==> flow/design.v <==
module cmp_unit_mod #(
  parameter W = 96
) (
  input  wire core_clk,
  input  wire [W-1:0] u,
  input  wire [W-1:0] v,
  output wire gt,
  output wire lt
);
  reg [W-1:0] u_r;
  reg [W-1:0] v_r;
  reg g;
  reg l;
  integer t;
  always @* begin
    g = 1'b0;
    l = 1'b0;
    for (t = W-1; t >= 0; t = t - 1) begin
      if (!g && !l) begin
        g = u_r[t] & ~v_r[t];
        l = ~u_r[t] & v_r[t];
      end
    end
  end
  reg gt_r;
  assign gt = gt_r;
  reg lt_r;
  assign lt = lt_r;
  always @(posedge core_clk) begin
    u_r <= u;
    v_r <= v;
    gt_r <= g;
    lt_r <= l;
  end
endmodule
From RTL to reports: cmp_unit_mod

Tool output for the design above, in the order of the flow.
Line numbers count from 1 in the design file above.
Library cell names are shortened.
The mark n/a stands for no value.

Top: cmp_unit_mod
Clock: core_clk
Library: sky130hd
Library corner: tt_025C_1v80

Elaborated design

Source: Yosys, flattened and elaborated, memories not mapped. Widths are those after wreduce; folded enables and synchronous resets count as part of the registers. Registers that Yosys merges into a memory's read port (data or address) are not register bits. Print and check cells do not count. Equal cells are merged and count once.

Register bits: 194
Latch bits: 0
Memory bits (writable): 0
ROM bits: 0
Clocked read ports x word width: 0
Memory cells: 0
Input bits: 193
Output and inout port bits: 2
Elaborated cells: 863

Add/sub/neg operators: 0
Multiply operators: 0
Div/mod/pow operators: 0
Magnitude comparators: 0
Eq/ne operators: 0
Shift operators: 0
Multiplexer cells: 190
Bitwise operators: 384
Reductions and logical operators: 285

Operator list:

| operator          | number |
| AND 1 bit         | 192 |
| NOT 1 bit         | 192 |
| zero test 1 bit   | 190 |
| two-way mux 1 bit | 190 |
| logical AND 1 bit | 95 |

Depth

Yosys ltp: most cells in a row. Word level: on the elaborated netlist, between registers, memories and ports. Mapped: between sequential cells and ports; inverters and the memories' decode and read muxes count.

Depth in word-level cells: 287
ABC_AREA: 0
Mapped depth: 10
Mapped depth without buffers: 10

After synthesis

The flow's flattened synthesis, as Yosys stat reports it; memories are mapped. The netlist is that of the ABC_AREA named above (0 if unset); the other value can give another one.

Cells by type:

| cell     | number | area in all (um^2) |
| dfxtp_1  | 194    | 3.88E+03 |
| maj3_1   | 74     | 740.71 |
| maj3_2   | 29     | 326.563 |
| nor2b_1  | 46     | 287.776 |
| inv_1    | 62     | 232.723 |
| nand2b_1 | 36     | 225.216 |
| a21oi_1  | 22     | 110.106 |
| o21ai_0  | 17     | 85.082 |
| a21o_1   | 6      | 45.043 |
| o21ai_1  | 7      | 35.034 |
| o221ai_1 | 4      | 35.034 |
| nand2_1  | 7      | 26.275 |
| and2_1   | 4      | 25.024 |
| ha_1     | 2      | 25.024 |
| a211oi_1 | 3      | 22.522 |
| o21bai_1 | 3      | 22.522 |
| a21bo_2  | 2      | 20.019 |
| a2bb2o_4 | 1      | 20.019 |

Not listed: further types 23, cells in them 36.

Cell count: 555
Mapped area: 6,426.2 um^2
Sequential part of the area: 3,883.7 um^2
Mapped flip-flops: 194
Buffer cells: 0

Timing after synthesis

Source: OpenSTA report_checks on the synthesized netlist (no wires, ideal clock, input and output delay 20% of the period each), path of least setup slack; recovery checks are left aside. Register names are those of the netlist, which keeps one name where synthesis merged equal registers.

Path kind: reg2reg
Start point: register u_r[62]
End point: register gt_r
Clock period: 2.81 ns
Library setup time: 0.114 ns
Time at the first pin: 0.000 ns
Arrival: 2.138 ns
Data required time: 2.696 ns
Setup slack: 0.559 ns
Delay of the path: 2.252 ns
Stages on the path: 10
Buffers on the path: 0
Synthesis period reached: 2.251 ns

"delay of the path" is the arrival time less input delay plus setup time.
"stages on the path" counts driving pins, that of a launching flip-flop among them; a cell with two outputs on the path counts twice.
"synthesis period reached" is the clock period less the worst setup slack; recovery checks do not enter. This is arithmetic on one report: input and output delays are still those of the set period (20% each).
The rows between start and end are the longest chain of elaborated cells between them; the timing report does not say that the signal goes this way. Where chains are equally long, one stands for them.
A line is the first line of the expression or statement that the cell stems from. Yosys adds cells for indexed reads and writes and turns some case tables into memories.

Path through: dfxtp_1 -> nor2b_1 -> maj3_2 -> maj3_2 -> maj3_2 -> a21oi_2 -> nor2_1 -> a221oi_1 -> o221ai_1 -> a21o_1
Cells in the longest elaborated chain: 189
Elaborated cells on any way between the ends: 314
RTL lines with such cells: 3
Those cells by class: mux: 125; logic: 3; reduce/logical: 186

Ends and longest elaborated chain, after synthesis:

| element            | RTL line | RTL |
| start: declaration | 10       | `reg [W-1:0] u_r;` |
| start: assignment  | 30       | `u_r <= u;` |
| NOT 1 bit          | 21       | `l = ~u_r[t] & v_r[t];` |
| AND 1 bit          | 21       |  |
| two-way mux 1 bit  | 19       | `if (!g && !l) begin` |
| zero test 1 bit    | 19       |  |
| logical AND 1 bit  | 19       |  |
| two-way mux 1 bit  | 19       |  |
| zero test 1 bit    | 19       |  |
| [... 175 more ...] | n/a      |  |
| two-way mux 1 bit  | 19       |  |
| zero test 1 bit    | 19       |  |
| logical AND 1 bit  | 19       |  |
| two-way mux 1 bit  | 19       |  |
| zero test 1 bit    | 19       |  |
| logical AND 1 bit  | 19       |  |
| two-way mux 1 bit  | 19       |  |
| end: assignment    | 32       | `gt_r <= g;` |
| end: declaration   | 25       | `reg gt_r;` |

Timing after layout

Path of least setup slack in the final report of stored run 2 (OpenROAD, finished layout, wires in). Where an end is a register, its clock arrival counts in the times.

Path kind: reg2reg
Start point: register u_r[62]
End point: register gt_r
Clock period: 3.09 ns
Library setup time: 0.10 ns
Time at the first pin: 0.43 ns
Arrival: 3.07 ns
Data required time: 3.43 ns
Setup slack: 0.36 ns
Stages on the path: 10
Buffers on the path: 0

The rows between start and end are the longest chain of elaborated cells between them; the timing report does not say that the signal goes this way. Where chains are equally long, one stands for them.

Path through: dfxtp_1 -> nor2b_1 -> maj3_2 -> maj3_2 -> maj3_2 -> a21oi_2 -> nor2_1 -> a221oi_1 -> o221ai_1 -> a21o_1
Cells in the longest elaborated chain: 189
Elaborated cells on any way between the ends: 314
RTL lines with such cells: 3
Those cells by class: mux: 125; logic: 3; reduce/logical: 186

Ends and longest elaborated chain, after layout:

| element            | RTL line | RTL |
| start: declaration | 10       | `reg [W-1:0] u_r;` |
| start: assignment  | 30       | `u_r <= u;` |
| NOT 1 bit          | 21       | `l = ~u_r[t] & v_r[t];` |
| AND 1 bit          | 21       |  |
| two-way mux 1 bit  | 19       | `if (!g && !l) begin` |
| zero test 1 bit    | 19       |  |
| logical AND 1 bit  | 19       |  |
| two-way mux 1 bit  | 19       |  |
| zero test 1 bit    | 19       |  |
| [... 175 more ...] | n/a      |  |
| two-way mux 1 bit  | 19       |  |
| zero test 1 bit    | 19       |  |
| logical AND 1 bit  | 19       |  |
| two-way mux 1 bit  | 19       |  |
| zero test 1 bit    | 19       |  |
| logical AND 1 bit  | 19       |  |
| two-way mux 1 bit  | 19       |  |
| end: assignment    | 32       | `gt_r <= g;` |
| end: declaration   | 25       | `reg gt_r;` |

Subject: cmp_unit_mod on sky130hd, stored results

Hello all,

Measured data: module cmp_unit_mod, platform sky130hd, 3 stored runs of the flow under differing settings, order arbitrary. Input and output delays are each 20% of the period that was set; the output load is 0.01 pF.
"achieved clock period" is the run's clock period less its worst setup slack. It is reckoned from that one timing run; input and output delays stay at 20% of the period that was set.
"worst setup path time": the worst setup path's part of the clock period (all of it between registers, 20% less for each end at a port) less its slack. A launch clock that arrives late makes it longer, a capture clock that arrives late makes it shorter.
"total design power" rests on the timing tool's default activity at the inputs, not on a simulated workload.
A setting shown as . is not set for that run.
Among the results, . means that no value is shown for the run.

| setting or result                                        | stored run 1 | stored run 2 | stored run 3 |
| period_ns                                                | 1.81         | 3.09         | 2.81         |
| CORE_UTILIZATION                                         | 45           | 20           | 40           |
| SETUP_SLACK_MARGIN                                       | 0.14         | 0.01         | .            |
| PLACE_DENSITY                                            | 0.59         | .            | .            |
| CELL_PAD_IN_SITES_GLOBAL_PLACEMENT                       | 3            | .            | .            |
| CTS_CLUSTER_DIAMETER                                     | 148          | .            | .            |
| CAP_MARGIN                                               | 35           | 5            | 20           |
| MAX_ROUTING_LAYER                                        | met5         | .            | .            |
| CORE_MARGIN                                              | 2            | 7            | 2            |
| SLEW_MARGIN                                              | 20           | 30           | 20           |
| CTS_CLUSTER_SIZE                                         | .            | 30           | .            |
| synthesis area (um^2)                                    | .            | 6,426.2      | 6,426.2      |
| die area (um^2)                                          | .            | 37,345.6     | 17,095.6     |
| area of the standard cells in the finished layout (um^2) | .            | 9,481.6      | 9,205.1      |
| final design utilization                                 | .            | 0.3          | 0.584        |
| worst setup slack after layout (ns)                      | .            | 0.360        | 0.216        |
| post-route setup TNS (ns)                                | .            | 0.000        | 0.000        |
| worst-case hold slack (ns)                               | .            | 0.609        | 0.568        |
| total design power (µW)                                  | .            | 5,574        | 5,917        |
| achieved clock period (ns)                               | .            | 2.730        | 2.594        |
| worst setup path time (ns)                               | .            | 2.73         | 2.59         |
| class of the worst setup path                            | .            | reg2reg      | reg2reg      |

Stored run 1: did not finish, placement stopped with GPL-0301

Thanks
